==> flow/design.v <==
module u_switch_blk #(
  parameter integer WD = 48,
  parameter integer NIN = 6
) (
  input  logic clk,
  input  logic resetn,
  input  logic [NIN*WD-1:0] val,
  input  logic [NIN-1:0] sel,
  output logic [WD-1:0] result
);
  logic [NIN*WD-1:0] val_s;
  logic [NIN-1:0] sel_s;
  logic [WD-1:0] r;
  always_comb begin
    r = '0;
    for (int n = NIN-1; n >= 0; n = n - 1)
      if (sel_s[n]) r = val_s[n*WD +: WD];
  end
  always_ff @(posedge clk) begin
    if (!resetn) begin
      val_s <= '0;
      sel_s <= '0;
      result <= '0;
    end else begin
      val_s <= val;
      sel_s <= sel;
      result <= r;
    end
  end
endmodule
### Reports on u_switch_blk

The steps from the RTL of u_switch_blk to its reports follow in flow order.
Line numbers count from 1 in the design file above.
Cell names lack the library's common part.
The mark -- stands for no value.

* top: u_switch_blk
* clock: clk
* standard-cell library: sky130hd
* timing corner: tt_025C_1v80

### Word level

Counts by Yosys on the flattened word-level netlist (proc, flatten, opt, wreduce; memories kept). Register bits leave out memories and registers merged into their read ports (data or address); mux counts leave out enables and synchronous resets folded into registers. Print and check cells are left out. Cells with the same type and inputs are merged into one.

* output and inout port bits: 48
* cells after elaboration: 9
* register bits: 342
* input port bits: 296

* multiplexer cells: 6

Operator list (number)
* two-way mux 48 bit: 6

### Logic depth

Longest topological path by Yosys (ltp), each cell counted once; first at word level (registers and memories cut), then after technology mapping (sequential cells cut; the memories' decode and read muxes count).

* word-level depth: 6
* ABC_AREA: 0
* gate-level depth with buffers: 6
* mapped depth without buffers: 3

### Netlist

Yosys stat after the flow's synthesis: flattened, memories mapped to cells. It holds for the ABC_AREA given above (unset counts as 0); a run with the other value may have another netlist.
The area totals of this step are shown rounded.

Cell types (number)
* dfxtp_1: 342
* and2_1: 294
* a21oi_1: 96
* a221o_1: 47
* a221oi_1: 48
* nand3b_1: 48
* clkbuf_1: 75
* o21ai_0: 45
* inv_1: 48
* buf_2: 8
* buf_6: 3
* buf_4: 4
* o21ai_1: 3
* o221a_2: 1
* or2_4: 1
* nor2b_1: 1
* inv_2: 1
* nand2_1: 1

* chip area (Yosys): 0.011 sq mm
* buffers: 90
* flip-flops: 342
* mapped cells: 1066

### Timing after synthesis

OpenSTA on the mapped netlist: ideal clock, no wires. The path of least setup slack (recovery checks aside). Input and output delay are each 20% of the period. Register names are those of the netlist, which keeps one name where synthesis merged equal registers.

* kind: register to register
* start point: reg sel_s[1]
* end point: reg result[32]
* arrival time: 1.261 ns
* library setup time: 0.070 ns
* clock period: 1.66 ns
* slack: 0.330 ns
* driving pins on the path: 7
* path delay: 1.331 ns
* time at the first pin: 0.000 ns
* synthesis period reached: 1.33 ns

"path delay" = arrival - input delay + setup time.
"driving pins on the path": output pins that drive a net of the path, with the launching flip-flop's if there is one; two outputs of one cell count as two.
"synthesis period reached" is the clock period less the worst setup slack; recovery checks do not enter. This is arithmetic on one report: input and output delays are still those of the set period (20% each).
Between the ends stands the longest chain of elaborated cells between them, by number of cells; it is not shown to be the way that was timed. Of several equally long chains one is given.
Each line given opens the expression or statement behind the cell; cells for indexed reads and writes are added by Yosys, which also makes memories of some case tables.

* path through: dfxtp_1 -> clkbuf_1 -> or2_4 -> buf_6 -> buf_6 -> a221o_1 -> a21oi_1
* length of the longest elaborated chain: 2

Ends and longest elaborated chain, post-synthesis
* from (decl): line 12 `logic [NIN-1:0] sel_s;`
* from (assign): line 22 `sel_s <= '0;`
* from (assign): line 26 `sel_s <= sel;`
* two-way mux 48 bit (2 in a row): line 17 `if (sel_s[n]) r = val_s[n*WD +: WD];`
* to (assign): line 23 `result <= '0;`
* to (assign): line 27 `result <= r;`
* to (decl): line 9 `output logic [WD-1:0] result`

### Path in the finished layout

From the final timing report of run A: the path of least setup slack in the routed layout; clock arrival at registers is part of the times.

* kind: register to output
* start point: reg result[36]
* end point: out result[36]
* time at the first pin: 0.50 ns
* driving pins on the path: 2
* slack: 0.14 ns
* arrival time: 1.18 ns
* clock period: 1.66 ns

* path through: dfxtp_1 -> dlygate4sd2_1
* length of the longest elaborated chain: 0

Ends and longest elaborated chain, post-layout
* from (decl): line 9 `output logic [WD-1:0] result`
* from (assign): line 23 `result <= '0;`
* from (assign): line 27 `result <= r;`
* to (decl): line 9

Subject: u_switch_blk on sky130hd, stored results

Hello all,

Module u_switch_blk, platform sky130hd: 3 stored runs of the flow (Yosys, OpenROAD) with differing settings, in no particular order. Input and output delays are each 20% of the period that was set; the output load is 0.01 pF.
"clock period achieved": clock period set for the run, less the worst setup slack. It is reckoned from that one timing run; input and output delays stay at 20% of the period that was set.
"total power of the final layout" rests on the timing tool's default activity at the inputs, not on a simulated workload.
Values from the reports are rounded here.

### Run A

==> flow/run.sh <==
#!/bin/bash
# the make line also repeats the synthesis and layout settings of config.mk as NAME=value (left out here)
make -C /OpenROAD-flow-scripts/flow DESIGN_CONFIG=/design/flow/config.mk WORK_HOME=/design/flow/orfs CLKGATE_MAP_FILE= finish
==> flow/config.mk <==
export PLATFORM = sky130hd
export DESIGN_NAME = u_switch_blk
export DESIGN_NICKNAME = u_switch_blk
export VERILOG_FILES = /design/flow/design.v
export SDC_FILE = /design/flow/constraint.sdc
export NUM_CORES = 4
export LEC_CHECK = 0
export CAP_MARGIN = 20
export CORE_MARGIN = 2
export CORE_UTILIZATION = 40
export SLEW_MARGIN = 20
==> flow/constraint.sdc <==
create_clock -name core_clock -period 1.66 [get_ports {clk}]
set_input_delay 0.3320 -clock core_clock [delete_from_list [all_inputs] [get_ports {clk}]]
set_output_delay 0.3320 -clock core_clock [all_outputs]
set_load 0.01 [all_outputs]

Results of run A:
- Synthesis area: 0.011 sq mm
- Die footprint: 0.029 sq mm
- Standard-cell area after layout: 0.016 sq mm
- Post-layout utilization: 58%
- Setup slack of the worst path: 0.14 ns
- Summed negative setup slack: 0.000 ns
- Total power of the final layout: 19,000 uW
- Clock period achieved: 1.516 ns

### Run B

==> flow/run.sh <==
#!/bin/bash
# the make line also repeats the synthesis and layout settings of config.mk as NAME=value (left out here)
make -C /OpenROAD-flow-scripts/flow DESIGN_CONFIG=/design/flow/config.mk WORK_HOME=/design/flow/orfs CLKGATE_MAP_FILE= finish
==> flow/config.mk <==
export PLATFORM = sky130hd
export DESIGN_NAME = u_switch_blk
export DESIGN_NICKNAME = u_switch_blk
export VERILOG_FILES = /design/flow/design.v
export SDC_FILE = /design/flow/constraint.sdc
export NUM_CORES = 4
export LEC_CHECK = 0
export CAP_MARGIN = 20
export CELL_PAD_IN_SITES_DETAIL_PLACEMENT = 2
export CORE_MARGIN = 2
export CORE_UTILIZATION = 53
export CTS_CLUSTER_DIAMETER = 43
export MAX_ROUTING_LAYER = met4
export MIN_ROUTING_LAYER = met1
export PLACE_DENSITY = 0.44
export SETUP_SLACK_MARGIN = 0.14
export SLEW_MARGIN = 20
==> flow/constraint.sdc <==
create_clock -name core_clock -period 1.57 [get_ports {clk}]
set_input_delay 0.3140 -clock core_clock [delete_from_list [all_inputs] [get_ports {clk}]]
set_output_delay 0.3140 -clock core_clock [all_outputs]
set_load 0.01 [all_outputs]

Outcome of run B: unfinished; error DPL-0033 in placement

### Run C

==> flow/run.sh <==
#!/bin/bash
# the make line also repeats the synthesis and layout settings of config.mk as NAME=value (left out here)
make -C /OpenROAD-flow-scripts/flow DESIGN_CONFIG=/design/flow/config.mk WORK_HOME=/design/flow/orfs CLKGATE_MAP_FILE= finish
==> flow/config.mk <==
export PLATFORM = sky130hd
export DESIGN_NAME = u_switch_blk
export DESIGN_NICKNAME = u_switch_blk
export VERILOG_FILES = /design/flow/design.v
export SDC_FILE = /design/flow/constraint.sdc
export NUM_CORES = 4
export LEC_CHECK = 0
export ABC_AREA = 1
export CAP_MARGIN = 15
export CELL_PAD_IN_SITES_GLOBAL_PLACEMENT = 1
export CORE_MARGIN = 2
export CORE_UTILIZATION = 20
export CTS_CLUSTER_DIAMETER = 98
export GPL_ROUTABILITY_DRIVEN = 0
export GPL_TIMING_DRIVEN = 1
export MAX_ROUTING_LAYER = met5
export MIN_ROUTING_LAYER = met1
export PLACE_DENSITY_LB_ADDON = 0.24
export SETUP_SLACK_MARGIN = 0.04
export SLEW_MARGIN = 20
==> flow/constraint.sdc <==
create_clock -name core_clock -period 1.73 [get_ports {clk}]
set_input_delay 0.3460 -clock core_clock [delete_from_list [all_inputs] [get_ports {clk}]]
set_output_delay 0.3460 -clock core_clock [all_outputs]
set_load 0.01 [all_outputs]

Results of run C:
- Synthesis area: 0.012 sq mm
- Die footprint: 0.064 sq mm
- Standard-cell area after layout: 0.018 sq mm
- Post-layout utilization: 29%
- Setup slack of the worst path: 0.19 ns
- Summed negative setup slack: 0.000 ns
- Total power of the final layout: 20,000 uW
- Clock period achieved: 1.540 ns

Thanks
